==> flow/design.v <==
module shft #(
  parameter XLEN = 16,
  parameter SW = $clog2(XLEN)
) (
  input ck,
  input rst_n,
  input enable,
  input [XLEN-1:0] bus,
  input [SW-1:0] sa,
  output reg [XLEN-1:0] y
);
  reg [XLEN-1:0] bus_s;
  reg [SW-1:0] sa_s;
  wire [XLEN-1:0] node [0:SW];
  assign node[0] = bus_s;
  genvar ii;
  generate
    for (ii = 0; ii < SW; ii = ii + 1) begin : each
      assign node[ii+1] = sa_s[ii] ? node[ii] >> (1 << ii) : node[ii];
    end
  endgenerate
  always @(posedge ck) begin
    if (!rst_n) begin
      bus_s <= 0;
      sa_s <= 0;
      y <= 0;
    end else if (enable) begin
      bus_s <= bus;
      sa_s <= sa;
      y <= node[SW];
    end
  end
endmodule
== Reports on shft ==
Tool output for the design above, in the order of the flow.
Line numbers count from 1 in the design file above.
Operators carry their Yosys type and port widths (W data, S select, Z words).
Cell names lack the library's common part.
A cell with -- has no value.
Set-up
  design top: shft
  clock input: ck
  cell library: sky130hd
  library corner: tt_025C_1v80

== Word level ==
Source: Yosys, flattened and elaborated. Widths are those after wreduce; folded enables and synchronous resets count as part of the registers. Registers that Yosys merges into a memory's read port (data or address) are not register bits. Print and check cells do not count. Equal cells are merged and count once.
Word-level totals
  register bits after elaboration: 36
  latch bits: 0
  memory bits (writable): 0
  memory bits (read-only): 0
  word width x clocked read ports: 0
  memories kept: 0
  input bits: 23
  output and inout port bits: 16
  elaborated cells: 7
Cells by class
  add/sub/neg operators: 0
  $mul: 0
  div/mod/pow operators: 0
  order comparisons: 0
  equal/unequal tests: 0
  shift operators: 0
  multiplexer cells: 4
  bitwise logic cells: 0
  reduce/logical cells: 0
Operators by type and width (number)
  $mux W16: 4

== Longest topological paths ==
Longest topological path by Yosys (ltp), each cell counted once; first at word level (registers and memories cut), then after technology mapping (sequential cells cut; the memories' decode and read muxes count).
Depth
  word-level depth: 4
  ABC_AREA: 0
  gate-level depth with buffers: 7

== After synthesis ==
The flow's flattened synthesis, as Yosys stat reports it; memories are mapped. The netlist is that of the ABC_AREA named above (0 if unset); the other value can give another one.
Totals and module areas in this step are rounded.
Synthesis totals
  cell count: 198
  chip area (Yosys): 2200 um^2
  sequential part of the area: 720 um^2
  mapped flip-flops: 36
  buffers: 19
Cell types (number)
  dfxtp_1: 36
  mux2i_1: 38
  mux4_1: 8
  mux4_2: 8
  nor2b_1: 24
  clkbuf_8: 5
  o22ai_1: 7
  and2_1: 6
  nand3b_1: 5
  inv_1: 9
  buf_4: 4
  o21a_1: 4
  buf_6: 2
  o211ai_1: 3
  buf_12: 1
  nand2_1: 5
  nor2_1: 5
  o32ai_1: 2
Not listed: further types 18, cells in them 26.

== Worst setup path after synthesis ==
OpenSTA on the mapped netlist: ideal clock, no wires. The path of least setup slack (recovery checks aside). Input and output delay are each 20% of the period. Register names are those of the netlist, which keeps one name where synthesis merged equal registers.
Timing after synthesis
  kind: register to register
  start point: register sa_s[1]
  end point: register y[1]
  period: 1980 ps
  setup time: 115 ps
  time at the first pin: 0 ps
  arrival: 1467 ps
  data required time: 1865 ps
  setup slack: 398 ps
  path delay: 1582 ps
  driving pins on the path: 7
  buffers on the path: 2
  period reached after synthesis: 1582 ps
"path delay" is the arrival time less input delay plus setup time.
"driving pins on the path" counts driving pins, that of a launching flip-flop among them; a cell with two outputs on the path counts twice.
"period reached after synthesis" = period - worst setup slack (recovery checks aside). The figure is calculated, with input and output delays left at 20% of the set period.
Between the ends stands the longest chain of elaborated cells between them, by number of cells; it is not shown to be the way that was timed. Of several equally long chains one is given.
Each line given opens the expression or statement behind the cell; cells for indexed reads and writes are added by Yosys, which also makes memories of some case tables.
Between the ends, after synthesis
  path through: dfxtp_1 buf_6 buf_12 mux4_1 mux2i_1 o22ai_1 o21a_1
  length of the longest elaborated chain: 3
  elaborated cells between the ends (all ways): 3
  RTL lines with such cells: 1
  those cells by class: mux (3)
Ends and longest elaborated chain, after synthesis
  from (decl): line 13  | reg [SW-1:0] sa_s;
  from (assign): line 25  | sa_s <= 0;
  from (assign): line 29  | sa_s <= sa;
  $mux W16 (3 in a row): line 19  | assign node[ii+1] = sa_s[ii] ? node[ii] >> (1 << ii) : node[ii];
  to (assign): line 26  | y <= 0;
  to (assign): line 30  | y <= node[SW];
  to (decl): line 10  | output reg [XLEN-1:0] y

== Path in the finished layout ==
Path of least setup slack in the final report of record 2 (OpenROAD, finished layout, wires in). Where an end is a register, its clock arrival counts in the times.
The path's times are printed in steps of 10 ps; the period is the one set.
Timing after layout
  kind: register to register
  start point: register sa_s[1]
  end point: register y[5]
  period: 1430 ps
  setup time: 80 ps
  time at the first pin: 290 ps
  arrival: 1810 ps
  data required time: 1640 ps
  setup slack: -170 ps
  driving pins on the path: 7
  buffers on the path: 2
Between the ends stands the longest chain of elaborated cells between them, by number of cells; it is not shown to be the way that was timed. Of several equally long chains one is given.
Between the ends, after layout
  path through: dfxtp_4 buf_6 buf_6 mux2i_1 o21a_1 or4b_1 o211ai_1
  length of the longest elaborated chain: 3
  elaborated cells between the ends (all ways): 3
  RTL lines with such cells: 1
  those cells by class: mux (3)
Ends and longest elaborated chain, after layout
  from (decl): line 13  | reg [SW-1:0] sa_s;
  from (assign): line 25  | sa_s <= 0;
  from (assign): line 29  | sa_s <= sa;
  $mux W16 (3 in a row): line 19  | assign node[ii+1] = sa_s[ii] ? node[ii] >> (1 << ii) : node[ii];
  to (assign): line 26  | y <= 0;
  to (assign): line 30  | y <= node[SW];
  to (decl): line 10  | output reg [XLEN-1:0] y

Ticket comment

Measured data: module shft, platform sky130hd, 3 stored runs of the flow under differing settings, order arbitrary. Input and output delays are each 20% of the period that was set; the output load is 0.01 pF.
By "achieved clock period" is meant the clock period of the run minus its worst setup slack. This is arithmetic on one report: input and output delays are still those of the set period (20% each).
"worst setup path time" = time allowed to the worst setup path (clock period - input delay - output delay, where it has them) - its slack; a late launch clock adds to it, a late capture clock takes from it.
"power" is the tool's figure for a default switching activity; nothing was simulated.
"worst setup path time" is given in steps of 10 ps.
The measured numbers are rounded.
[record 1] settings: period_ns=1.72, CORE_UTILIZATION=48, SETUP_SLACK_MARGIN=0.5, PLACE_DENSITY=0.52, CORE_MARGIN=9, CELL_PAD_IN_SITES_GLOBAL_PLACEMENT=3, CELL_PAD_IN_SITES_DETAIL_PLACEMENT=2, TNS_END_PERCENT=10, GPL_ROUTABILITY_DRIVEN=1, CTS_CLUSTER_DIAMETER=376, MIN_ROUTING_LAYER=met1, CAP_MARGIN=20, SLEW_MARGIN=20
[record 1] result: did not finish, placement stopped with GPL-0301
[record 2] settings: period_ns=1.43, CORE_UTILIZATION=32, CORE_ASPECT_RATIO=1.53, CTS_CLUSTER_SIZE=41, CAP_MARGIN=25, SLEW_MARGIN=20, MIN_ROUTING_LAYER=met2, CORE_MARGIN=2
[record 2] result: chip area after synthesis (Yosys) 2200 um^2, die area 7600 um^2, standard-cell area of the final layout 3100 um^2, utilization 46 %, worst setup slack after layout -170 ps, total negative slack -1400 ps, worst hold slack 450 ps, power 2600 uW, achieved clock period 1600 ps, worst setup path time 1600 ps, worst setup path kind register to register
[record 3] settings: period_ns=1.98, CAP_MARGIN=20, CORE_MARGIN=2, CORE_UTILIZATION=40, SLEW_MARGIN=20
[record 3] result: chip area after synthesis (Yosys) 2200 um^2, die area 6200 um^2, standard-cell area of the final layout 2700 um^2, utilization 49 %, worst setup slack after layout 140 ps, total negative slack 0 ps, worst hold slack 480 ps, power 1700 uW, achieved clock period 1840 ps, worst setup path time 1840 ps, worst setup path kind register to register
